==> flow/design.v <==
module sync_arith_stage (aclk, i_rst, in0, in1, do_sub, result, cy);
    parameter DW = 16;
    input aclk;
    input i_rst;
    input [DW-1:0] in0;
    input [DW-1:0] in1;
    input do_sub;
    output [DW-1:0] result;
    output cy;
    reg [DW-1:0] in0_reg;
    always @(posedge aclk) begin
        if (i_rst) begin
            in0_reg <= 0;
        end else begin
            in0_reg <= in0;
        end
    end
    reg [DW-1:0] in1_reg;
    always @(posedge aclk) begin
        if (i_rst) begin
            in1_reg <= 0;
        end else begin
            in1_reg <= in1;
        end
    end
    reg do_sub_reg;
    always @(posedge aclk) begin
        if (i_rst) begin
            do_sub_reg <= 1'b0;
        end else begin
            do_sub_reg <= do_sub;
        end
    end
    wire [DW-1:0] tmp;
    wire [DW:0] c;
    assign c[0] = do_sub_reg;
    genvar ii;
    generate
        for (ii = 0; ii < DW; ii = ii + 1) begin : u_g
            fadd unit (.a(in0_reg[ii]), .b(in1_reg[ii] ^ do_sub_reg), .ci(c[ii]), .s(tmp[ii]), .co(c[ii+1]));
        end
    endgenerate
    assign result = tmp;
    assign cy = c[DW];
endmodule
module fadd (
    input wire a,
    input wire b,
    input wire ci,
    output wire s,
    output wire co
);
    assign s = a ^ b ^ ci;
    assign co = (a & b) | (ci & (a ^ b));
endmodule
# From RTL to reports: sync_arith_stage
# The steps from the RTL of sync_arith_stage to its reports follow in flow order.
# Lines are those of the file above, counted from 1.
# Cell names lack the library's common part.
# A cell with - has no value.
[design]
top = "sync_arith_stage"
clk_port = "aclk"
cell_library = "sky130hd"
pvt_corner = "tt_025C_1v80"

# Elaborated design
# Source: Yosys, flattened and elaborated, memories not mapped. Widths are those after wreduce; folded enables and synchronous resets count as part of the registers. Registers that Yosys merges into a memory's read port (data or address) are not register bits. Print and check cells do not count. Equal cells are merged and count once.
[classes]
n_shift = 0
mux = 0
bitwise = 96
n_cmp = 0
n_addsub = 0
eq_ne = 0
reduce_and_logical = 0
mul = 0
div_mod_pow = 0
[ops]
columns = ["operator", "count"]
rows = [
  ["1-bit bitwise XOR", 48],
  ["1-bit AND", 32],
  ["1-bit bitwise OR", 16],
]
[bits]
ram_bits = 0
clocked_rd_ports_x_width = 0
ff_bits = 33
inputBits = 35
n_memories = 0
latchBits = 0
romBits = 0

# Longest topological paths
# Longest topological path by Yosys (ltp), each cell counted once; first at word level (registers and memories cut), then after technology mapping (sequential cells cut; the memories' decode and read muxes count).
[logic_depth]
word_depth = 34
abc_area = 0
ltp_mapped = 22

# Netlist
# Yosys stat after the flow's synthesis: flattened, memories mapped to cells. It holds for the ABC_AREA given above (unset counts as 0); a run with the other value may have another netlist.
# The area totals of this step are shown rounded.
[by_type]
columns = ["cell", "count", "area_total_um2"]
rows = [
  ["dfxtp_1", 33, 660.634],
  ["fa_1", 15, 300.288],
  ["nor2b_1", 33, 206.448],
  ["buf_4", 16, 120.115],
  ["xnor2_1", 13, 113.859],
  ["inv_1", 29, 108.854],
  ["xor2_1", 3, 26.275],
  ["buf_12", 1, 20.019],
  ["buf_2", 3, 15.014],
  ["buf_6", 1, 11.261],
  ["mux2i_1", 1, 10.01],
]
[mapped]
seq_area_mm2 = 0.0006606
buf_cells = 21
cell_count = 148
ff_cells = 33
mapped_area_mm2 = 0.001593
# By module: a second synthesis without flattening, with its own total; a netlist apart from the flattened one above.
[hier_totals]
cells_unflattened = 103
area_unflattened_mm2 = 0.001374
# Rows give one instance, submodules left out.
[modules]
columns = ["module", "cells", "instances", "area_mm2"]
rows = [
  ["sync_arith_stage", 87, 1, 0.001054],
  ["fadd", 1, 16, 0.00002],
]

# Timing after synthesis
# OpenSTA on the mapped netlist: ideal clock, no wires. The path of least setup slack (recovery checks aside). Input and output delay are each 20% of the period. Register names are those of the netlist, which keeps one name where synthesis merged equal registers.
[synth_path]
path_type = "register to output"
startpoint = "reg do_sub_reg"
endpoint = "out result[15]"
arrival_ns = 6.454
output_delay_ns = 2.020
path_buffers = 3
required_ns = 8.080
delay_ns = 6.454
tclk_ns = 10.1
path_stages = 23
path_slack_ns = 1.626
launch_ns = 0.000
synth_period_reached_ns = 8.474
# "delay_ns" = arrival - input delay + setup time.
# At an output port there is no setup time.
# "path_stages" counts driving pins, that of a launching flip-flop among them; a cell with two outputs on the path counts twice.
# "synth_period_reached_ns" = period - worst setup slack (recovery checks aside). The figure is calculated, with input and output delays left at 20% of the set period.
# The rows between start and end are the longest chain of elaborated cells between them; the timing report does not say that the signal goes this way. Where chains are equally long, one stands for them.
# Each line given opens the expression or statement behind the cell; cells for indexed reads and writes are added by Yosys, which also makes memories of some case tables.
[synth_via]
cell_sequence = "dfxtp_1 -> buf_6 -> buf_12 -> xnor2_1 -> fa_1 -> fa_1 -> fa_1 -> fa_1 -> fa_1 -> fa_1 -> fa_1 -> fa_1 -> inv_1 -> fa_1 -> inv_1 -> fa_1 -> fa_1 -> fa_1 -> fa_1 -> fa_1 -> inv_1 -> fa_1 -> buf_4"
elab_chain_cells = 33
[synth_lines]
columns = ["item", "line", "source"]
rows = [
  ["start, declared", 26, "reg do_sub_reg;"],
  ["start, assigned", 29, "do_sub_reg <= 1'b0;"],
  ["start, assigned", 31, "do_sub_reg <= do_sub;"],
  ["1-bit bitwise XOR", 40, "fadd unit (.a(in0_reg[ii]), .b(in1_reg[ii] ^ do_sub_reg), .ci(c[ii]), .s(tmp[ii]), .co(c[ii+1]));"],
  ["1-bit bitwise XOR", 54, "assign co = (a & b) | (ci & (a ^ b));"],
  ["1-bit AND", 54, ""],
  ["1-bit bitwise OR", 54, ""],
  ["1-bit AND", 54, ""],
  ["1-bit bitwise OR", 54, ""],
  ["1-bit AND", 54, ""],
  ["(+19 left out)", "-", ""],
  ["1-bit AND", 54, ""],
  ["1-bit bitwise OR", 54, ""],
  ["1-bit AND", 54, ""],
  ["1-bit bitwise OR", 54, ""],
  ["1-bit AND", 54, ""],
  ["1-bit bitwise OR", 54, ""],
  ["1-bit bitwise XOR", 53, "assign s = a ^ b ^ ci;"],
  ["end, declared", 8, "output [DW-1:0] result;"],
]

# Path in the finished layout
# From the final timing report of run 1: the path of least setup slack in the routed layout; clock arrival at registers is part of the times.
[layout_path]
path_type = "register to output"
startpoint = "reg do_sub_reg"
endpoint = "out result[15]"
required_ns = 4.00
path_slack_ns = -2.19
launch_ns = 0.28
output_delay_ns = 1.00
path_stages = 21
path_buffers = 1
tclk_ns = 5.0
arrival_ns = 6.19
# The rows between start and end are the longest chain of elaborated cells between them; the timing report does not say that the signal goes this way. Where chains are equally long, one stands for them.
[layout_via]
cell_sequence = "dfxtp_4 -> xnor2_4 -> fa_2 -> fa_2 -> fa_2 -> fa_2 -> fa_2 -> fa_2 -> fa_2 -> fa_2 -> inv_2 -> fa_2 -> inv_2 -> fa_2 -> fa_2 -> fa_2 -> fa_2 -> fa_2 -> inv_2 -> fa_2 -> buf_6"
elab_chain_cells = 33
[layout_lines]
columns = ["item", "line", "source"]
rows = [
  ["start, declared", 26, "reg do_sub_reg;"],
  ["start, assigned", 29, "do_sub_reg <= 1'b0;"],
  ["start, assigned", 31, "do_sub_reg <= do_sub;"],
  ["1-bit bitwise XOR", 40, "fadd unit (.a(in0_reg[ii]), .b(in1_reg[ii] ^ do_sub_reg), .ci(c[ii]), .s(tmp[ii]), .co(c[ii+1]));"],
  ["1-bit bitwise XOR", 54, "assign co = (a & b) | (ci & (a ^ b));"],
  ["1-bit AND", 54, ""],
  ["1-bit bitwise OR", 54, ""],
  ["1-bit AND", 54, ""],
  ["1-bit bitwise OR", 54, ""],
  ["1-bit AND", 54, ""],
  ["(+19 left out)", "-", ""],
  ["1-bit AND", 54, ""],
  ["1-bit bitwise OR", 54, ""],
  ["1-bit AND", 54, ""],
  ["1-bit bitwise OR", 54, ""],
  ["1-bit AND", 54, ""],
  ["1-bit bitwise OR", 54, ""],
  ["1-bit bitwise XOR", 53, "assign s = a ^ b ^ ci;"],
  ["end, declared", 8, "output [DW-1:0] result;"],
]

# sync_arith_stage through Yosys and OpenROAD on sky130hd: 3 stored runs, unordered, with their settings and measured results. The constraints put input and output delay at 20% of the set period each and load the outputs with 0.01 pF.
# "critical_path_time_ns" is the time allowed to the run's worst setup path (the clock period less input and output delay, where it has them) less its slack. Clock arrival times count: a late capture clock shortens it, a late launch clock lengthens it.
# By "total_power_w" is meant OpenSTA's value without simulated activity: inputs other than the clock are taken to toggle once in ten clock periods, and the tool carries that through the logic.
# Results are given in rounded form.

[[run]]
name = "run 1"
[run.settings]
period_ns = 5.0
CORE_UTILIZATION = 36
SETUP_SLACK_MARGIN = 1.42
CORE_MARGIN = 7
CELL_PAD_IN_SITES_GLOBAL_PLACEMENT = 2
CELL_PAD_IN_SITES_DETAIL_PLACEMENT = 1
CTS_CLUSTER_SIZE = 22
SLEW_MARGIN = 10
MIN_ROUTING_LAYER = "met1"
CAP_MARGIN = 20
[run.results]
total_power_w = 0.0006896
critical_path_time_ns = 6.19
worstPathKind = "register to output"
final_setup_ws_ns = -2.190
total_negative_slack_ns = -10.27
timing.hold.ws_ns = 1.214
ys_area_mm2 = 0.001593
total_die_area_mm2 = 0.006483
post_route_stdcell_area_mm2 = 0.002186
finish.utilization_frac = 0.509

[[run]]
name = "run 2"
[run.settings]
period_ns = 10.1
CAP_MARGIN = 20
CORE_MARGIN = 2
CORE_UTILIZATION = 40
SLEW_MARGIN = 20
[run.results]
total_power_w = 0.0003222
critical_path_time_ns = 7.08
worstPathKind = "register to output"
final_setup_ws_ns = 1.001
total_negative_slack_ns = 0.000
timing.hold.ws_ns = 2.207
ys_area_mm2 = 0.001593
total_die_area_mm2 = 0.004502
post_route_stdcell_area_mm2 = 0.002079
finish.utilization_frac = 0.555

[[run]]
name = "run 3"
[run.settings]
period_ns = 5.23
CORE_UTILIZATION = 27
PLACE_DENSITY_LB_ADDON = 0.12
CORE_ASPECT_RATIO = 1.7
CORE_MARGIN = 3
CELL_PAD_IN_SITES_GLOBAL_PLACEMENT = 0
CELL_PAD_IN_SITES_DETAIL_PLACEMENT = 2
ABC_AREA = 1
GPL_TIMING_DRIVEN = 1
MIN_ROUTING_LAYER = "met2"
CAP_MARGIN = 20
SLEW_MARGIN = 20
[run.results]
total_power_w = 0.0006464
critical_path_time_ns = 6.25
worstPathKind = "register to output"
final_setup_ws_ns = -2.062
total_negative_slack_ns = -9.354
timing.hold.ws_ns = 1.278
ys_area_mm2 = 0.001794
total_die_area_mm2 = 0.007694
post_route_stdcell_area_mm2 = 0.00237
finish.utilization_frac = 0.369
